==> flow/design.v <==
module gen_sub_unit_mod #(
    parameter int DATA_WIDTH = 96
) (
    input  logic CLK,
    input  logic [DATA_WIDTH-1:0] i_x,
    input  logic [DATA_WIDTH-1:0] i_y,
    output logic [DATA_WIDTH-1:0] o_diff
);
    logic [DATA_WIDTH-1:0] x_d1;
    logic [DATA_WIDTH-1:0] y_d1;
    logic [DATA_WIDTH:0] t_d1;
    always_ff @(posedge CLK) begin
        x_d1 <= i_x;
        y_d1 <= i_y;
        t_d1 <= x_d1 - y_d1;
        o_diff <= t_d1[DATA_WIDTH] ? {DATA_WIDTH{1'b0}} : t_d1[DATA_WIDTH-1:0];
    end
endmodule
* Tool chain data of gen_sub_unit_mod
Tool output for the design above, in the order of the flow.
Line numbers count from 1 in the design file above.
Library cell names are shortened.
A cell with n/a has no value.
- Top :: gen_sub_unit_mod
- Clock input :: CLK
- Library :: sky130hd
- Library corner :: tt_025C_1v80

* After elaboration
Counts by Yosys on the flattened word-level netlist (proc, flatten, opt, wreduce; memories kept). Register bits leave out memories and registers merged into their read ports (data or address); mux counts leave out enables and synchronous resets folded into registers. Print and check cells are left out. Cells with the same type and inputs are merged into one.
- Output and inout port bits :: 96
- Memory cells :: 0
- Cells after elaboration :: 5
- Memory bits (read-only) :: 0
- Input bits :: 193
- Latch bits :: 0
- Clocked read ports x word width :: 0
- Register bits :: 385
- RAM bits :: 0
- Bitwise operators :: 0
- Shift operators :: 0
- Divide/modulo/power cells :: 0
- Eq/ne operators :: 0
- $add $sub $neg :: 1
- $mul :: 0
- Multiplexer cells :: 0
- Reductions and logical operators :: 0
- Order comparisons :: 0
** Operator list (number)
- 96-bit by 96-bit subtractor with 97-bit output :: 1

* Depth
Longest topological path by Yosys (ltp), each cell counted once; first at word level (registers and memories cut), then after technology mapping (sequential cells cut; the memories' decode and read muxes count).
- Depth after elaboration :: 1
- ABC_AREA :: 0
- Mapped depth :: 13
- Depth with buffers taken out :: 13

* Synthesis result
Source: synth_stat.txt of the flow (Yosys; design flattened, memories mapped). It holds for the ABC_AREA given above (unset counts as 0); a run with the other value may have another netlist.
The area totals of this step are shown rounded.
** Cell types
- dfxtp_1 :: number 385, area in all 7.71E+03 µm²
- ha_1 :: number 96, area in all 1.2E+03 µm²
- a21oi_1 :: number 142, area in all 710.682 µm²
- nor2b_1 :: number 105, area in all 656.88 µm²
- xnor2_1 :: number 55, area in all 481.712 µm²
- inv_1 :: number 120, area in all 450.432 µm²
- o21ai_0 :: number 86, area in all 430.413 µm²
- nand2_1 :: number 106, area in all 397.882 µm²
- xor2_1 :: number 37, area in all 324.061 µm²
- a21o_1 :: number 32, area in all 240.23 µm²
- nor2_1 :: number 60, area in all 225.216 µm²
- nand4_1 :: number 26, area in all 162.656 µm²
- o21bai_1 :: number 21, area in all 157.651 µm²
- clkbuf_1 :: number 32, area in all 120.115 µm²
- o21a_1 :: number 10, area in all 75.072 µm²
- nor3_1 :: number 14, area in all 70.067 µm²
- nand3_1 :: number 12, area in all 60.058 µm²
- o211ai_1 :: number 8, area in all 60.058 µm²
Other cell types: 53; their cells: 130.
- Buffers :: 39
- Sequential area :: 7710 µm²
- Mapped flip-flops :: 385
- Mapped cells :: 1477
- Cell area after synthesis :: 14600 µm²

* Worst setup path after synthesis
Path of least setup slack by OpenSTA after synthesis, without wires, with an ideal clock, recovery checks aside; 20% of the period is set as input and as output delay. Where synthesis merged equal registers, the netlist keeps one of their names.
- Path kind :: register to register
- From :: register x_d1[0]
- To :: register t_d1[94]
- Delay of the path :: 2880 ps
- Required time :: 3528 ps
- Period :: 3600 ps
- Library setup time :: 72 ps
- Arrival time :: 2808 ps
- Buffers on the path :: 0
- Driving pins on the path :: 14
- Path slack :: 720 ps
- Time at the first pin :: 0 ps
- Synthesis period reached :: 2880 ps
"delay of the path" = arrival - input delay + setup time.
"driving pins on the path": output pins that drive a net of the path, with the launching flip-flop's if there is one; two outputs of one cell count as two.
"synthesis period reached" = period - worst setup slack (recovery checks aside). The figure is calculated, with input and output delays left at 20% of the set period.
Between the ends stands the longest chain of elaborated cells between them, by number of cells; it is not shown to be the way that was timed. Of several equally long chains one is given.
Each line given opens the expression or statement behind the cell; cells for indexed reads and writes are added by Yosys, which also makes memories of some case tables.
- Cells stage by stage :: dfxtp_1 -> inv_1 -> ha_1 -> fa_1 -> nor2b_1 -> o2111ai_1 -> a211o_1 -> nand3_1 -> a2111oi_1 -> nor2_2 -> a21oi_2 -> or3_4 -> o41ai_2 -> xor2_1
- Length of the longest elaborated chain :: 1
- Elaborated cells between the ends (all ways) :: 1
- Source lines of those cells :: 1
- Classes of those cells :: add/sub (1)
** RTL lines, path post-synthesis
- from (decl) :: line 9 : logic [DATA_WIDTH-1:0] x_d1;
- from (assign) :: line 13 : x_d1 <= i_x;
- 96-bit by 96-bit subtractor with 97-bit output :: line 15 : t_d1 <= x_d1 - y_d1;
- to (assign) :: line 15
- to (decl) :: line 11 : logic [DATA_WIDTH:0] t_d1;

* Worst path after layout
Path of least setup slack in the final report of flow run 2 (OpenROAD, finished layout, wires in). Where an end is a register, its clock arrival counts in the times.
The report prints the path's times to 10 ps; the period is as set.
- Path kind :: register to register
- From :: register x_d1[0]
- To :: register t_d1[88]
- Driving pins on the path :: 14
- Required time :: 4040 ps
- Arrival time :: 3770 ps
- Period :: 3600 ps
- Time at the first pin :: 560 ps
- Path slack :: 270 ps
- Library setup time :: 120 ps
- Buffers on the path :: 0
Between the ends stands the longest chain of elaborated cells between them, by number of cells; it is not shown to be the way that was timed. Of several equally long chains one is given.
- Cells stage by stage :: dfxtp_1 -> inv_1 -> ha_1 -> fa_1 -> nor2b_1 -> o2111ai_1 -> a21oi_1 -> o21ai_0 -> a21oi_2 -> o2bb2ai_1 -> o22a_1 -> nand2b_1 -> a21oi_1 -> xnor2_1
- Length of the longest elaborated chain :: 1
- Elaborated cells between the ends (all ways) :: 1
- Source lines of those cells :: 1
- Classes of those cells :: add/sub (1)
** RTL lines, path after layout
- from (decl) :: line 9 : logic [DATA_WIDTH-1:0] x_d1;
- from (assign) :: line 13 : x_d1 <= i_x;
- 96-bit by 96-bit subtractor with 97-bit output :: line 15 : t_d1 <= x_d1 - y_d1;
- to (assign) :: line 15
- to (decl) :: line 11 : logic [DATA_WIDTH:0] t_d1;

Appendix: measured runs

Stored flow runs of gen_sub_unit_mod (3 of them; Yosys, OpenROAD, sky130hd). They differ in their settings and are not a sequence. Constraints: input delay and output delay 20% of the set period each, output load 0.01 pF.
"clock period achieved": clock period set for the run, less the worst setup slack. It is reckoned from that one timing run; input and output delays stay at 20% of the period that was set.
"time on the worst setup path": the worst setup path's part of the clock period (all of it between registers, 20% less for each end at a port) less its slack. A launch clock that arrives late makes it longer, a capture clock that arrives late makes it shorter.
By "total power of the final layout" is meant OpenSTA's value without simulated activity: inputs other than the clock are taken to toggle once in ten clock periods, and the tool carries that through the logic.
"time on the worst setup path" is given in steps of 10 ps.
The measured numbers are rounded.

** Flow run 1
- Settings :: period_ns=2.49; CORE_UTILIZATION=63; PLACE_DENSITY=0.49; CELL_PAD_IN_SITES_GLOBAL_PLACEMENT=3; TNS_END_PERCENT=85; SLEW_MARGIN=30; CAP_MARGIN=20; CORE_MARGIN=2
- Outcome :: incomplete, placement halted on GPL-0301

** Flow run 2
- Settings :: period_ns=3.6; CAP_MARGIN=20; CORE_MARGIN=2; CORE_UTILIZATION=40; SLEW_MARGIN=20
- Final worst hold slack :: 427 ps
- Worst slack on setup checks :: 270 ps
- Time on the worst setup path :: 3,330 ps
- Worst path kind :: register to register
- Setup total negative slack :: 0 ps
- Yosys chip area after synthesis :: 14,600 µm²
- Clock period achieved :: 3,330 ps
- Die area :: 38,000 µm²
- Area of the standard cells in the finished layout :: 19,300 µm²
- Final utilization :: 54.1 %
- Total power of the final layout :: 11.2 mW

** Flow run 3
- Settings :: period_ns=1.92; CORE_UTILIZATION=18; PLACE_DENSITY_LB_ADDON=0.22; CORE_MARGIN=9; CELL_PAD_IN_SITES_GLOBAL_PLACEMENT=2; TNS_END_PERCENT=55; ABC_AREA=1; GPL_TIMING_DRIVEN=0; CAP_MARGIN=10; SLEW_MARGIN=5; MIN_ROUTING_LAYER=met2; MAX_ROUTING_LAYER=met5
- Final worst hold slack :: 172 ps
- Worst slack on setup checks :: -166 ps
- Time on the worst setup path :: 2,090 ps
- Worst path kind :: register to register
- Setup total negative slack :: -3,450 ps
- Yosys chip area after synthesis :: 19,000 µm²
- Clock period achieved :: 2,086 ps
- Die area :: 117,000 µm²
- Area of the standard cells in the finished layout :: 32,600 µm²
- Final utilization :: 31.3 %
- Total power of the final layout :: 27.1 mW
